==> flow/design.v <==
module alu_compare_rtl (CLK, RSTN, op_a_i, op_b_i, lower_o, mx_o);
   parameter DATA_WIDTH = 48;
   input CLK;
   input RSTN;
   input [DATA_WIDTH-1:0] op_a_i;
   input [DATA_WIDTH-1:0] op_b_i;
   output [DATA_WIDTH-1:0] lower_o;
   output [DATA_WIDTH-1:0] mx_o;
   reg [DATA_WIDTH-1:0] r_op_a;
   always @(posedge CLK) begin
      if (~RSTN) begin
         r_op_a <= 0;
      end else begin
         r_op_a <= op_a_i;
      end
   end
   reg [DATA_WIDTH-1:0] r_op_b;
   always @(posedge CLK) begin
      if (~RSTN) begin
         r_op_b <= 0;
      end else begin
         r_op_b <= op_b_i;
      end
   end
   wire tmp;
   assign tmp = r_op_a < r_op_b;
   reg [DATA_WIDTH-1:0] r_lower;
   always @(posedge CLK) begin
      if (~RSTN) begin
         r_lower <= 0;
      end else begin
         r_lower <= tmp ? r_op_a : r_op_b;
      end
   end
   assign lower_o = r_lower;
   reg [DATA_WIDTH-1:0] r_mx;
   always @(posedge CLK) begin
      if (~RSTN) begin
         r_mx <= 0;
      end else begin
         r_mx <= tmp ? r_op_b : r_op_a;
      end
   end
   assign mx_o = r_mx;
endmodule
# From RTL to reports: alu_compare_rtl
# Tool output for the design above, in the order of the flow.
# Lines are those of the file above, counted from 1.
# Operators: Yosys type, input widths -> output width; for muxes data width and select width s.
# Library cell names are shortened.
# A cell with - has no value.
[inputs]
design = "alu_compare_rtl"
clk_port = "CLK"
library = "sky130hd"
lib_corner = "tt_025C_1v80"

# After elaboration
# Yosys after proc, flatten, opt, wreduce and memory -nomap, before mapping. Enables and synchronous resets that opt folds into registers are not counted as muxes. Memory bits, and registers merged into a memory's read port (data or address), are not among the register bits. Print and check cells are not counted. Equal cells are merged and count once.
[bits]
reg_bits = 192
input_bits = 98
out_inout_bits = 96
word_cells = 7
[classes]
n_cmp = 1
n_mux = 2
[op_table]
columns = ["cell", "n"]
rows = [
  ["$mux 48", 2],
  ["$lt 48x48->1", 1],
]

# Logic depth
# Longest topological path by Yosys (ltp), each cell counted once; first at word level (registers and memories cut), then after technology mapping (sequential cells cut; the memories' decode and read muxes count).
[depth]
word_depth = 2
abc_area = 0
ltp_mapped = 12
depth_no_buf = 9

# Synthesis result
# Yosys stat after the flow's synthesis: flattened, memories mapped to cells. It holds for the ABC_AREA given above (unset counts as 0); a run with the other value may have another netlist.
[by_type]
columns = ["type", "n", "area_total_um2"]
rows = [
  ["dfxtp_1", 192, 3.84E+03],
  ["mux2i_1", 96, 960.922],
  ["and2_1", 96, 600.576],
  ["ha_1", 47, 588.064],
  ["nand2_1", 103, 386.621],
  ["inv_1", 47, 176.419],
  ["clkbuf_1", 21, 78.826],
  ["a21oi_1", 14, 70.067],
  ["buf_6", 5, 56.304],
  ["nand4_1", 9, 56.304],
  ["a21o_1", 5, 37.536],
  ["buf_2", 6, 30.029],
  ["nor3_1", 6, 30.029],
  ["a2111oi_4", 1, 27.526],
  ["o21ai_0", 5, 25.024],
  ["a211oi_1", 3, 22.522],
  ["nand3_1", 4, 20.019],
  ["o211ai_1", 2, 15.014],
]
# Other cell types: 10; their cells: 13.
[mapped]
cell_count = 675
yosys_area_um2 = 7118.1
seqArea_um2 = 3843.7
flip_flops = 192
n_buf = 32

# Worst setup path after synthesis
# Source: OpenSTA report_checks on the synthesized netlist (no wires, ideal clock, input and output delay 20% of the period each), path of least setup slack; recovery checks are left aside. Register names are those of the netlist, which keeps one name where synthesis merged equal registers.
[synth_path]
path_kind = "reg2reg"
start = "register r_op_b[1]"
end = "register r_lower[10]"
clock_period_ns = 2.78
setup_ns = 0.120
arrival_ns = 2.107
t_required_ns = 2.660
setup_slack_ns = 0.554
delay_ns = 2.227
stages = 12
n_path_buf = 3
synth_period_reached_ns = 2.226
# "delay_ns" is the arrival time less input delay plus setup time.
# "stages": output pins that drive a net of the path, with the launching flip-flop's if there is one; two outputs of one cell count as two.
# "synth_period_reached_ns" = period - worst setup slack (recovery checks aside). The figure is calculated, with input and output delays left at 20% of the set period.
# The rows between start and end are the longest chain of elaborated cells between them; the timing report does not say that the signal goes this way. Where chains are equally long, one stands for them.
# Each line given opens the expression or statement behind the cell; cells for indexed reads and writes are added by Yosys, which also makes memories of some case tables.
[synth_via]
path_cell_list = "dfxtp_1 -> inv_1 -> ha_1 -> a2111oi_4 -> nor3_1 -> o311ai_1 -> o211ai_1 -> a31o_1 -> buf_2 -> buf_6 -> buf_6 -> mux2i_1"
elab_chain_len = 2
cone_cells = 2
cone_lines = 2
classes_between = "compare (1); mux (1)"
[synth_rtl]
columns = ["element", "line", "text"]
rows = [
  ["from (decl)", 17, "reg [DATA_WIDTH-1:0] r_op_b;"],
  ["from (assign)", 20, "r_op_b <= 0;"],
  ["from (assign)", 22, "r_op_b <= op_b_i;"],
  ["$lt 48x48->1", 26, "assign tmp = r_op_a < r_op_b;"],
  ["$mux 48", 32, "r_lower <= tmp ? r_op_a : r_op_b;"],
  ["to (assign)", 30, "r_lower <= 0;"],
  ["to (assign)", 32, ""],
  ["to (decl)", 27, "reg [DATA_WIDTH-1:0] r_lower;"],
]

# Timing after layout
# Path of least setup slack in the final report of job 1 (OpenROAD, finished layout, wires in). Where an end is a register, its clock arrival counts in the times.
[layout_path]
path_kind = "reg2reg"
start = "register r_op_b[1]"
end = "register r_lower[38]"
clock_period_ns = 2.78
setup_ns = 0.12
arrival_ns = 2.74
t_required_ns = 3.08
setup_slack_ns = 0.34
stages = 10
n_path_buf = 1
# The rows between start and end are the longest chain of elaborated cells between them; the timing report does not say that the signal goes this way. Where chains are equally long, one stands for them.
[layout_via]
path_cell_list = "dfxtp_1 -> inv_1 -> ha_1 -> a2111oi_4 -> nor3_1 -> o311ai_1 -> o211ai_1 -> a31o_4 -> buf_12 -> mux2i_1"
elab_chain_len = 2
cone_cells = 2
cone_lines = 2
classes_between = "compare (1); mux (1)"
[layout_rtl]
columns = ["element", "line", "text"]
rows = [
  ["from (decl)", 17, "reg [DATA_WIDTH-1:0] r_op_b;"],
  ["from (assign)", 20, "r_op_b <= 0;"],
  ["from (assign)", 22, "r_op_b <= op_b_i;"],
  ["$lt 48x48->1", 26, "assign tmp = r_op_a < r_op_b;"],
  ["$mux 48", 32, "r_lower <= tmp ? r_op_a : r_op_b;"],
  ["to (assign)", 30, "r_lower <= 0;"],
  ["to (assign)", 32, ""],
  ["to (decl)", 27, "reg [DATA_WIDTH-1:0] r_lower;"],
]

# Design alu_compare_rtl on sky130hd. What follows are 3 stored runs of the flow, each under its own settings; their order means nothing. The constraints put input and output delay at 20% of the set period each and load the outputs with 0.01 pF.
# "period_less_ws_ns" means the clock period less the worst setup slack. The figure is calculated, with input and output delays left at 20% of the set period.
# By "timing.worst_path_ns" is meant the share of the clock period that the worst setup path is allowed (20% is reserved at inputs, 20% at outputs), minus its slack. Clock arrival times at its registers enter into it.
# "fin_power_uw" is the tool's figure for a default switching activity; nothing was simulated.

[[run]]
name = "job 1"
[run.settings]
period_ns = 2.78
CAP_MARGIN = 20
CORE_MARGIN = 2
CORE_UTILIZATION = 40
SLEW_MARGIN = 20
[run.results]
timing.worst_path_ns = 2.44
worst_setup_path_type = "reg2reg"
worst_hold_slack_ns = 0.485
setup_tns_ns = 0.000
period_less_ws_ns = 2.440
yosys_chip_area_um2 = 7118.1
post_route_stdcell_area_um2 = 9930.8
timing.setup.ws_ns = 0.340
dieArea_um2 = 18878.8
fin_power_uw = 6638
layout_utilization_pct = 57.2

[[run]]
name = "job 2"
[run.settings]
period_ns = 2.26
CORE_UTILIZATION = 64
SETUP_SLACK_MARGIN = 0.19
PLACE_DENSITY = 0.92
CORE_MARGIN = 5
CELL_PAD_IN_SITES_GLOBAL_PLACEMENT = 2
ABC_AREA = 0
GPL_TIMING_DRIVEN = 1
CAP_MARGIN = 15
SLEW_MARGIN = 25
[run.results]
outcome = "not finished: placement ended with error GPL-0301"

[[run]]
name = "job 3"
[run.settings]
period_ns = 1.52
CORE_UTILIZATION = 43
SETUP_SLACK_MARGIN = 0.36
PLACE_DENSITY = 0.45
CELL_PAD_IN_SITES_DETAIL_PLACEMENT = 1
TNS_END_PERCENT = 70
CTS_CLUSTER_DIAMETER = 321
SLEW_MARGIN = 30
CAP_MARGIN = 20
CORE_MARGIN = 2
[run.results]
timing.worst_path_ns = 2.57
worst_setup_path_type = "reg2reg"
worst_hold_slack_ns = 0.219
setup_tns_ns = -92.751
period_less_ws_ns = 2.568
yosys_chip_area_um2 = 7118.1
post_route_stdcell_area_um2 = 11104.4
timing.setup.ws_ns = -1.048
dieArea_um2 = 17598.7
fin_power_uw = 13459
layout_utilization_pct = 67.7
